==> flow/design.v <==
module add #(
    parameter int WIDTH = 80
) (
    input  logic aclk,
    input  logic rst_ni,
    input  logic [WIDTH-1:0] x,
    input  logic [WIDTH-1:0] y,
    output logic [WIDTH:0] result
);
    logic [WIDTH-1:0] x_d1;
    logic [WIDTH-1:0] y_d1;
    localparam int H = WIDTH / 2;
    logic [H:0] low_d1;
    logic [WIDTH-H-1:0] x_hi_d1;
    logic [WIDTH-H-1:0] y_hi_d1;
    logic [WIDTH-H:0] hi;
    assign hi = x_hi_d1 + y_hi_d1 + low_d1[H];
    logic [WIDTH:0] result_d1;
    assign result = result_d1;
    always_ff @(posedge aclk or negedge rst_ni) begin
        if (~rst_ni) begin
            x_d1 <= 0;
            y_d1 <= 0;
            low_d1 <= 0;
            x_hi_d1 <= 0;
            y_hi_d1 <= 0;
            result_d1 <= 0;
        end else begin
            x_d1 <= x;
            y_d1 <= y;
            low_d1 <= x_d1[H-1:0] + y_d1[H-1:0];
            x_hi_d1 <= x_d1[WIDTH-1:H];
            y_hi_d1 <= y_d1[WIDTH-1:H];
            result_d1 <= {hi, low_d1[H-1:0]};
        end
    end
endmodule
# Tool chain data of add
# Tool output for the design above, in the order of the flow.
# Line numbers count from 1 in the design file above.
# Operators: Yosys type, input widths -> output width; for muxes data width and select width s.
# Library cell names are shortened.
# Not given: --
[design]
top = "add"
clock = "aclk"
library = "sky130hd"
lib_corner = "tt_025C_1v80"

# After elaboration
# Counts by Yosys on the flattened word-level netlist (proc, flatten, opt, wreduce; memories kept). Register bits leave out memories and registers merged into their read ports (data or address); mux counts leave out enables and synchronous resets folded into registers. Print and check cells are left out. Cells with the same type and inputs are merged into one.
[bits]
elab_cells = 9
ff_bits = 362
input_bits = 162
[classes]
add_sub_neg = 3
[ops]
columns = ["op", "count"]
rows = [
  ["$add 40x40->41", 2],
  ["$add 41x1->41", 1],
]

# Depth
# Yosys ltp: most cells in a row. Word level: on the elaborated netlist, between registers, memories and ports. Mapped: between sequential cells and ports; inverters and the memories' decode and read muxes count.
[depth]
ltp_word = 2
ABC_AREA = 0
ltp_mapped = 11
mapped_depth_nobuf = 11

# After synthesis
# Yosys stat after the flow's synthesis: flattened, memories mapped to cells. It holds for the ABC_AREA given above (unset counts as 0); a run with the other value may have another netlist.
[mapped]
mapped_cells = 948
seqArea_um2 = 9058.7
buffers = 18
mapped_area_um2 = 13241.4
flip_flops = 362
[by_type]
columns = ["cell", "count", "type_area_um2"]
rows = [
  ["dfrtp_1", 362, 9.06E+03],
  ["ha_1", 79, 988.448],
  ["a21oi_1", 92, 460.442],
  ["xnor2_1", 49, 429.162],
  ["a21o_1", 49, 367.853],
  ["xor2_1", 24, 210.202],
  ["nand2_1", 46, 172.666],
  ["o21ai_0", 34, 170.163],
  ["o21bai_1", 18, 135.13],
  ["nor2_1", 32, 120.115],
  ["nand4_1", 17, 106.352],
  ["and3_1", 11, 68.816],
  ["clkbuf_1", 18, 67.565],
  ["fa_1", 3, 60.058],
  ["inv_1", 16, 60.058],
  ["o21a_1", 8, 60.058],
  ["a211oi_1", 7, 52.55],
  ["nand3_1", 10, 50.048],
]
# Other cell types: 38; their cells: 73.

# Timing after synthesis
# Source: OpenSTA report_checks on the synthesized netlist (no wires, ideal clock, input and output delay 20% of the period each), path of least setup slack; recovery checks are left aside. Register names are those of the netlist, which keeps one name where synthesis merged equal registers.
[synth_path]
path_type = "register to register"
startpoint = "reg low_d1[40]"
endpoint = "reg result_d1[74]"
path_buffers = 0
delay_ns = 3.124
stages = 12
tclk_ns = 3.9
arrival_ns = 2.993
launch_ns = 0.000
path_slack_ns = 0.776
t_required_ns = 3.769
period_less_setup_slack_ns = 3.124
# "delay_ns" = arrival - input delay + setup time.
# "stages": output pins that drive a net of the path, with the launching flip-flop's if there is one; two outputs of one cell count as two.
# "period_less_setup_slack_ns" = period - worst setup slack (recovery checks aside). The figure is calculated, with input and output delays left at 20% of the set period.
# The rows between start and end are the longest chain of elaborated cells between them; the timing report does not say that the signal goes this way. Where chains are equally long, one stands for them.
# Each line given opens the expression or statement behind the cell; cells for indexed reads and writes are added by Yosys, which also makes memories of some case tables.
[synth_via]
path_cell_list = "dfrtp_1 fa_1 fa_1 a21o_1 a221oi_2 o21ai_2 a21o_1 a41o_1 a31oi_4 o21a_1 o21ai_0 xor2_1"
elab_chain_cells = 1
cells_between = 1
lines_between = 1
cone_classes = "1 x add/sub"
[synth_lines]
columns = ["element", "line_no", "text"]
rows = [
  ["start: declaration", 13, "logic [H:0] low_d1;"],
  ["start: assignment", 24, "low_d1 <= 0;"],
  ["start: assignment", 31, "low_d1 <= x_d1[H-1:0] + y_d1[H-1:0];"],
  ["$add 41x1->41", 17, "assign hi = x_hi_d1 + y_hi_d1 + low_d1[H];"],
  ["end: assignment", 27, "result_d1 <= 0;"],
  ["end: assignment", 34, "result_d1 <= {hi, low_d1[H-1:0]};"],
  ["end: declaration", 18, "logic [WIDTH:0] result_d1;"],
]

# Timing after layout
# Path of least setup slack in the final report of stored run 1 (OpenROAD, finished layout, wires in). Where an end is a register, its clock arrival counts in the times.
[layout_path]
path_type = "register to register"
startpoint = "reg low_d1[40]"
endpoint = "reg result_d1[76]"
stages = 12
path_slack_ns = 1.32
launch_ns = 0.55
tclk_ns = 4.89
path_buffers = 0
t_required_ns = 5.36
arrival_ns = 4.04
# The rows between start and end are the longest chain of elaborated cells between them; the timing report does not say that the signal goes this way. Where chains are equally long, one stands for them.
[layout_via]
path_cell_list = "dfrtp_1 fa_1 fa_1 a21o_1 a221oi_2 o21ai_2 a21o_1 a41o_1 a31oi_4 o31ai_2 a21oi_1 xnor2_1"
elab_chain_cells = 1
cells_between = 1
lines_between = 1
cone_classes = "1 x add/sub"
[layout_lines]
columns = ["element", "line_no", "text"]
rows = [
  ["start: declaration", 13, "logic [H:0] low_d1;"],
  ["start: assignment", 24, "low_d1 <= 0;"],
  ["start: assignment", 31, "low_d1 <= x_d1[H-1:0] + y_d1[H-1:0];"],
  ["$add 41x1->41", 17, "assign hi = x_hi_d1 + y_hi_d1 + low_d1[H];"],
  ["end: assignment", 27, "result_d1 <= 0;"],
  ["end: assignment", 34, "result_d1 <= {hi, low_d1[H-1:0]};"],
  ["end: declaration", 18, "logic [WIDTH:0] result_d1;"],
]

# Measured results for add: 3 stored runs of the Yosys and OpenROAD flow on sky130hd. The settings differ; the order carries no meaning. The constraints put input and output delay at 20% of the set period each and load the outputs with 0.01 pF.
# "achieved_period_ns": clock period set for the run, less the worst setup slack. It is reckoned from that one timing run; input and output delays stay at 20% of the period that was set.
# "worst_path_ns": the worst setup path's part of the clock period (all of it between registers, 20% less for each end at a port) less its slack. A launch clock that arrives late makes it longer, a capture clock that arrives late makes it shorter.

[[run]]
name = "stored run 1"
[run.settings]
period_ns = 4.89
CORE_UTILIZATION = 56
SETUP_SLACK_MARGIN = -0.24
PLACE_DENSITY_LB_ADDON = 0.22
CORE_ASPECT_RATIO = 0.52
CORE_MARGIN = 7
GPL_ROUTABILITY_DRIVEN = 1
CAP_MARGIN = 20
SLEW_MARGIN = 20
[run.results]
dieArea_um2 = 28378.9
final_setup_ws_ns = 1.315
achieved_period_ns = 3.575
layout_utilization_pct = 74.3
cell_area_final_um2 = 17187.7
worst_path_ns = 3.57
critical_path_type = "register to register"
synth_chip_area_um2 = 13241.4

[[run]]
name = "stored run 2"
[run.settings]
period_ns = 2.99
CORE_UTILIZATION = 71
SETUP_SLACK_MARGIN = -0.08
PLACE_DENSITY = 0.37
CORE_ASPECT_RATIO = 0.99
CELL_PAD_IN_SITES_DETAIL_PLACEMENT = 0
CTS_CLUSTER_SIZE = 29
SLEW_MARGIN = 10
MIN_ROUTING_LAYER = "met1"
CAP_MARGIN = 20
CORE_MARGIN = 2
[run.results]
outcome = "no results, routing failed with DPL-0038"

[[run]]
name = "stored run 3"
[run.settings]
period_ns = 3.9
CAP_MARGIN = 20
CORE_MARGIN = 2
CORE_UTILIZATION = 40
SLEW_MARGIN = 20
[run.results]
dieArea_um2 = 34575.5
final_setup_ws_ns = 0.421
achieved_period_ns = 3.479
layout_utilization_pct = 54.0
cell_area_final_um2 = 17578.1
worst_path_ns = 3.48
critical_path_type = "register to register"
synth_chip_area_um2 = 13241.4
